==> flow/design.v <==
module as_core_n #(
    parameter WIDTH = 20
) (
    input  wire clk,
    input  wire [WIDTH-1:0] i_op_a,
    input  wire [WIDTH-1:0] i_op_b,
    output wire [WIDTH-1:0] o_res
);
    reg [WIDTH-1:0] op_a_r;
    reg [WIDTH-1:0] op_b_r;
    always @(posedge clk) begin
        op_a_r <= i_op_a;
        op_b_r <= i_op_b;
    end
    assign o_res = (op_a_r > op_b_r) ? op_a_r - op_b_r : op_b_r - op_a_r;
endmodule
# --- Step by step through the tools: as_core_n ---
# What the tools print for as_core_n, step after step.
# Lines are those of the file above, counted from 1.
# Operators: Yosys type, input widths -> output width; for muxes data width and select width s.
# Library cell names are shortened.
setup:
  top: "as_core_n"
  clk_port: "clk"
  cell_library: "sky130hd"
  corner: "tt_025C_1v80"

# --- Elaborated design ---
# Yosys after proc, flatten, opt, wreduce and memory -nomap, before mapping. Enables and synchronous resets that opt folds into registers are not counted as muxes. Memory bits, and registers merged into a memory's read port (data or address), are not among the register bits. Print and check cells are not counted. Equal cells are merged and count once.
word_totals:
  regBits: 40
  inputBits: 41
  output_inout_bits: 20
  word_cells: 6
classes:
  n_addsub: 2
  cmp: 1
  muxes: 1
ops:
  columns: ["operator", "n"]
  rows:
  - ["$sub 20x20->20", 2]
  - ["$gt 20x20->1", 1]
  - ["$mux 20", 1]

# --- Longest topological paths ---
# Longest topological path by Yosys (ltp), each cell counted once; first at word level (registers and memories cut), then after technology mapping (sequential cells cut; the memories' decode and read muxes count).
logic_depth:
  ltp_word: 2
  abc_area: 0
  mapped_depth: 12
  mapped_depth_nobuf: 10

# --- Netlist ---
# Source: synth_stat.txt of the flow (Yosys; design flattened, memories mapped). It holds for the ABC_AREA given above (unset counts as 0); a run with the other value may have another netlist.
# Totals and module areas in this step are rounded.
mapped:
  mapped_cells: 344
  area_um2: 2940
  seq_area_um2: 801
  flip_flops: 40
  buf_cells: 18
types:
  columns: ["cell", "n", "area_total_um2"]
  rows:
  - ["dfxtp_1", 40, 800.768]
  - ["ha_1", 39, 487.968]
  - ["a21oi_1", 40, 200.192]
  - ["inv_1", 50, 187.68]
  - ["mux2i_1", 18, 180.173]
  - ["a21o_1", 14, 105.101]
  - ["o21ai_0", 18, 90.086]
  - ["xor2_1", 10, 87.584]
  - ["xnor2_1", 8, 70.067]
  - ["nand2_1", 18, 67.565]
  - ["buf_6", 4, 45.043]
  - ["a31oi_1", 7, 43.792]
  - ["nor2_1", 11, 41.29]
  - ["fa_1", 2, 40.038]
  - ["nand4_1", 5, 31.28]
  - ["a221o_1", 3, 30.029]
  - ["o21bai_1", 4, 30.029]
  - ["nand2b_1", 4, 25.024]
# Other cell types: 28; their cells: 49.

# --- Worst setup path after synthesis ---
# OpenSTA on the mapped netlist: ideal clock, no wires. The path of least setup slack (recovery checks aside). Input and output delay are each 20% of the period. Register names are those of the netlist, which keeps one name where synthesis merged equal registers.
synth_path:
  kind: "reg-to-output"
  from: "reg op_a_r[0]"
  to: "out o_res[18]"
  tclk_ps: 3780
  out_delay_ps: 756
  t_first_pin_ps: 0
  arrival_ps: 2420
  required_ps: 3024
  slack_ps: 604
  path_delay_ps: 2420
  path_stages: 13
  path_buffers: 2
  synth_period_reached_ps: 3176
# "path_delay_ps" = arrival - input delay + setup time.
# At an output port there is no setup time.
# "path_stages" counts driving pins, that of a launching flip-flop among them; a cell with two outputs on the path counts twice.
# "synth_period_reached_ps" is the clock period less the worst setup slack; recovery checks do not enter. This is arithmetic on one report: input and output delays are still those of the set period (20% each).
# Between the ends stands the longest chain of elaborated cells between them, by number of cells; it is not shown to be the way that was timed. Of several equally long chains one is given.
# Each line given opens the expression or statement behind the cell; cells for indexed reads and writes are added by Yosys, which also makes memories of some case tables.
synth_between:
  path_cell_list: "dfxtp_1 > inv_1 > ha_1 > fa_1 > nand3b_1 > a211oi_1 > a311oi_2 > o21ai_2 > a21oi_2 > buf_6 > buf_12 > mux2i_1 > xor2_1"
  elab_chain_len: 2
  cells_between: 4
  lines_between: 1
  classes_between: "2 x add/sub; 1 x compare; 1 x mux"
synth_rtl:
  columns: ["item", "line_no", "rtl"]
  rows:
  - ["start, declared", 9, "reg [WIDTH-1:0] op_a_r;"]
  - ["start, assigned", 12, "op_a_r <= i_op_a;"]
  - ["$sub 20x20->20", 15, "assign o_res = (op_a_r > op_b_r) ? op_a_r - op_b_r : op_b_r - op_a_r;"]
  - ["$mux 20", 15, null]
  - ["end, declared", 7, "output wire [WIDTH-1:0] o_res"]

# --- Path in the finished layout ---
# Path of least setup slack in the final report of entry A (OpenROAD, finished layout, wires in). Where an end is a register, its clock arrival counts in the times.
# The report prints the path's times to 10 ps; the period is as set.
layout_path:
  kind: "reg-to-output"
  from: "reg op_a_r[0]"
  to: "out o_res[9]"
  tclk_ps: 2830
  out_delay_ps: 570
  t_first_pin_ps: 290
  arrival_ps: 2950
  required_ps: 2260
  slack_ps: -690
  path_stages: 14
  path_buffers: 3
# Between the ends stands the longest chain of elaborated cells between them, by number of cells; it is not shown to be the way that was timed. Of several equally long chains one is given.
layout_between:
  path_cell_list: "dfxtp_2 > inv_2 > ha_4 > fa_2 > nand3b_1 > a211oi_2 > a311oi_2 > o21ai_2 > a21oi_4 > buf_12 > buf_12 > mux2i_4 > xnor2_2 > buf_2"
  elab_chain_len: 2
  cells_between: 4
  lines_between: 1
  classes_between: "2 x add/sub; 1 x compare; 1 x mux"
layout_rtl:
  columns: ["item", "line_no", "rtl"]
  rows:
  - ["start, declared", 9, "reg [WIDTH-1:0] op_a_r;"]
  - ["start, assigned", 12, "op_a_r <= i_op_a;"]
  - ["$sub 20x20->20", 15, "assign o_res = (op_a_r > op_b_r) ? op_a_r - op_b_r : op_b_r - op_a_r;"]
  - ["$mux 20", 15, null]
  - ["end, declared", 7, "output wire [WIDTH-1:0] o_res"]

Design as_core_n on sky130hd. What follows are 3 stored runs of the flow, each under its own settings; their order means nothing. The constraints put input and output delay at 20% of the set period each and load the outputs with 0.01 pF.
"period_less_ws_ps" means the clock period less the worst setup slack. The figure is calculated, with input and output delays left at 20% of the set period.
"critical_path_time_ps": the worst setup path's part of the clock period (all of it between registers, 20% less for each end at a port) less its slack. A launch clock that arrives late makes it longer, a capture clock that arrives late makes it shorter.
"totalPower_mw" is the tool's figure for a default switching activity; nothing was simulated.
"critical_path_time_ps" is known to 10 ps.
The results are shown rounded.

--- entry A ---
==> flow/run.sh <==
#!/bin/bash
# the make line also repeats the synthesis and layout settings of config.mk as NAME=value (left out here)
make -C /OpenROAD-flow-scripts/flow DESIGN_CONFIG=/design/flow/config.mk WORK_HOME=/design/flow/orfs CLKGATE_MAP_FILE= finish
==> flow/config.mk <==
export PLATFORM = sky130hd
export DESIGN_NAME = as_core_n
export DESIGN_NICKNAME = as_core_n
export VERILOG_FILES = /design/flow/design.v
export SDC_FILE = /design/flow/constraint.sdc
export NUM_CORES = 4
export LEC_CHECK = 0
export ABC_AREA = 0
export CAP_MARGIN = 20
export CORE_MARGIN = 2
export CORE_UTILIZATION = 23
export CTS_CLUSTER_SIZE = 39
export GPL_TIMING_DRIVEN = 0
export MIN_ROUTING_LAYER = met2
export SLEW_MARGIN = 15
==> flow/constraint.sdc <==
create_clock -name core_clock -period 2.83 [get_ports {clk}]
set_input_delay 0.5660 -clock core_clock [delete_from_list [all_inputs] [get_ports {clk}]]
set_output_delay 0.5660 -clock core_clock [all_outputs]
set_load 0.01 [all_outputs]

==> results, as YAML <==
results:
  final_setup_ws_ps: -687
  ws_hold_ps: 699
  totalPower_mw: 2.19
  synth_chip_area_um2: 2940
  period_less_ws_ps: 3517
  util_pct: 35.2
  critical_path_time_ps: 2950
  critical_path_type: "reg-to-output"
  die_um2: 13700

--- entry B ---
==> flow/run.sh <==
#!/bin/bash
# the make line also repeats the synthesis and layout settings of config.mk as NAME=value (left out here)
make -C /OpenROAD-flow-scripts/flow DESIGN_CONFIG=/design/flow/config.mk WORK_HOME=/design/flow/orfs CLKGATE_MAP_FILE= finish
==> flow/config.mk <==
export PLATFORM = sky130hd
export DESIGN_NAME = as_core_n
export DESIGN_NICKNAME = as_core_n
export VERILOG_FILES = /design/flow/design.v
export SDC_FILE = /design/flow/constraint.sdc
export NUM_CORES = 4
export LEC_CHECK = 0
export CAP_MARGIN = 20
export CORE_MARGIN = 2
export CORE_UTILIZATION = 40
export SLEW_MARGIN = 20
==> flow/constraint.sdc <==
create_clock -name core_clock -period 3.78 [get_ports {clk}]
set_input_delay 0.7560 -clock core_clock [delete_from_list [all_inputs] [get_ports {clk}]]
set_output_delay 0.7560 -clock core_clock [all_outputs]
set_load 0.01 [all_outputs]

==> results, as YAML <==
results:
  util_pct: 53.4
  synth_chip_area_um2: 2940
  ws_hold_ps: 890
  totalPower_mw: 1.29
  die_um2: 8040
  period_less_ws_ps: 3597
  critical_path_time_ps: 2840
  critical_path_type: "reg-to-output"
  final_setup_ws_ps: 183

--- entry C ---
==> flow/run.sh <==
#!/bin/bash
# the make line also repeats the synthesis and layout settings of config.mk as NAME=value (left out here)
make -C /OpenROAD-flow-scripts/flow DESIGN_CONFIG=/design/flow/config.mk WORK_HOME=/design/flow/orfs CLKGATE_MAP_FILE= finish
==> flow/config.mk <==
export PLATFORM = sky130hd
export DESIGN_NAME = as_core_n
export DESIGN_NICKNAME = as_core_n
export VERILOG_FILES = /design/flow/design.v
export SDC_FILE = /design/flow/constraint.sdc
export NUM_CORES = 4
export LEC_CHECK = 0
export CAP_MARGIN = 20
export CELL_PAD_IN_SITES_DETAIL_PLACEMENT = 0
export CORE_ASPECT_RATIO = 1.49
export CORE_MARGIN = 2
export CORE_UTILIZATION = 30
export CTS_CLUSTER_SIZE = 23
export GPL_ROUTABILITY_DRIVEN = 0
export MAX_ROUTING_LAYER = met4
export PLACE_DENSITY_LB_ADDON = 0.15
export SETUP_SLACK_MARGIN = 0.42
export SLEW_MARGIN = 20
==> flow/constraint.sdc <==
create_clock -name core_clock -period 5.18 [get_ports {clk}]
set_input_delay 1.0360 -clock core_clock [delete_from_list [all_inputs] [get_ports {clk}]]
set_output_delay 1.0360 -clock core_clock [all_outputs]
set_load 0.01 [all_outputs]

==> results, as YAML <==
results:
  ws_hold_ps: 1190
  period_less_ws_ps: 4628
  util_pct: 39.1
  totalPower_mw: 1.09
  critical_path_time_ps: 3590
  critical_path_type: "reg-to-output"
  synth_chip_area_um2: 2940
  die_um2: 10600
  final_setup_ws_ps: 552
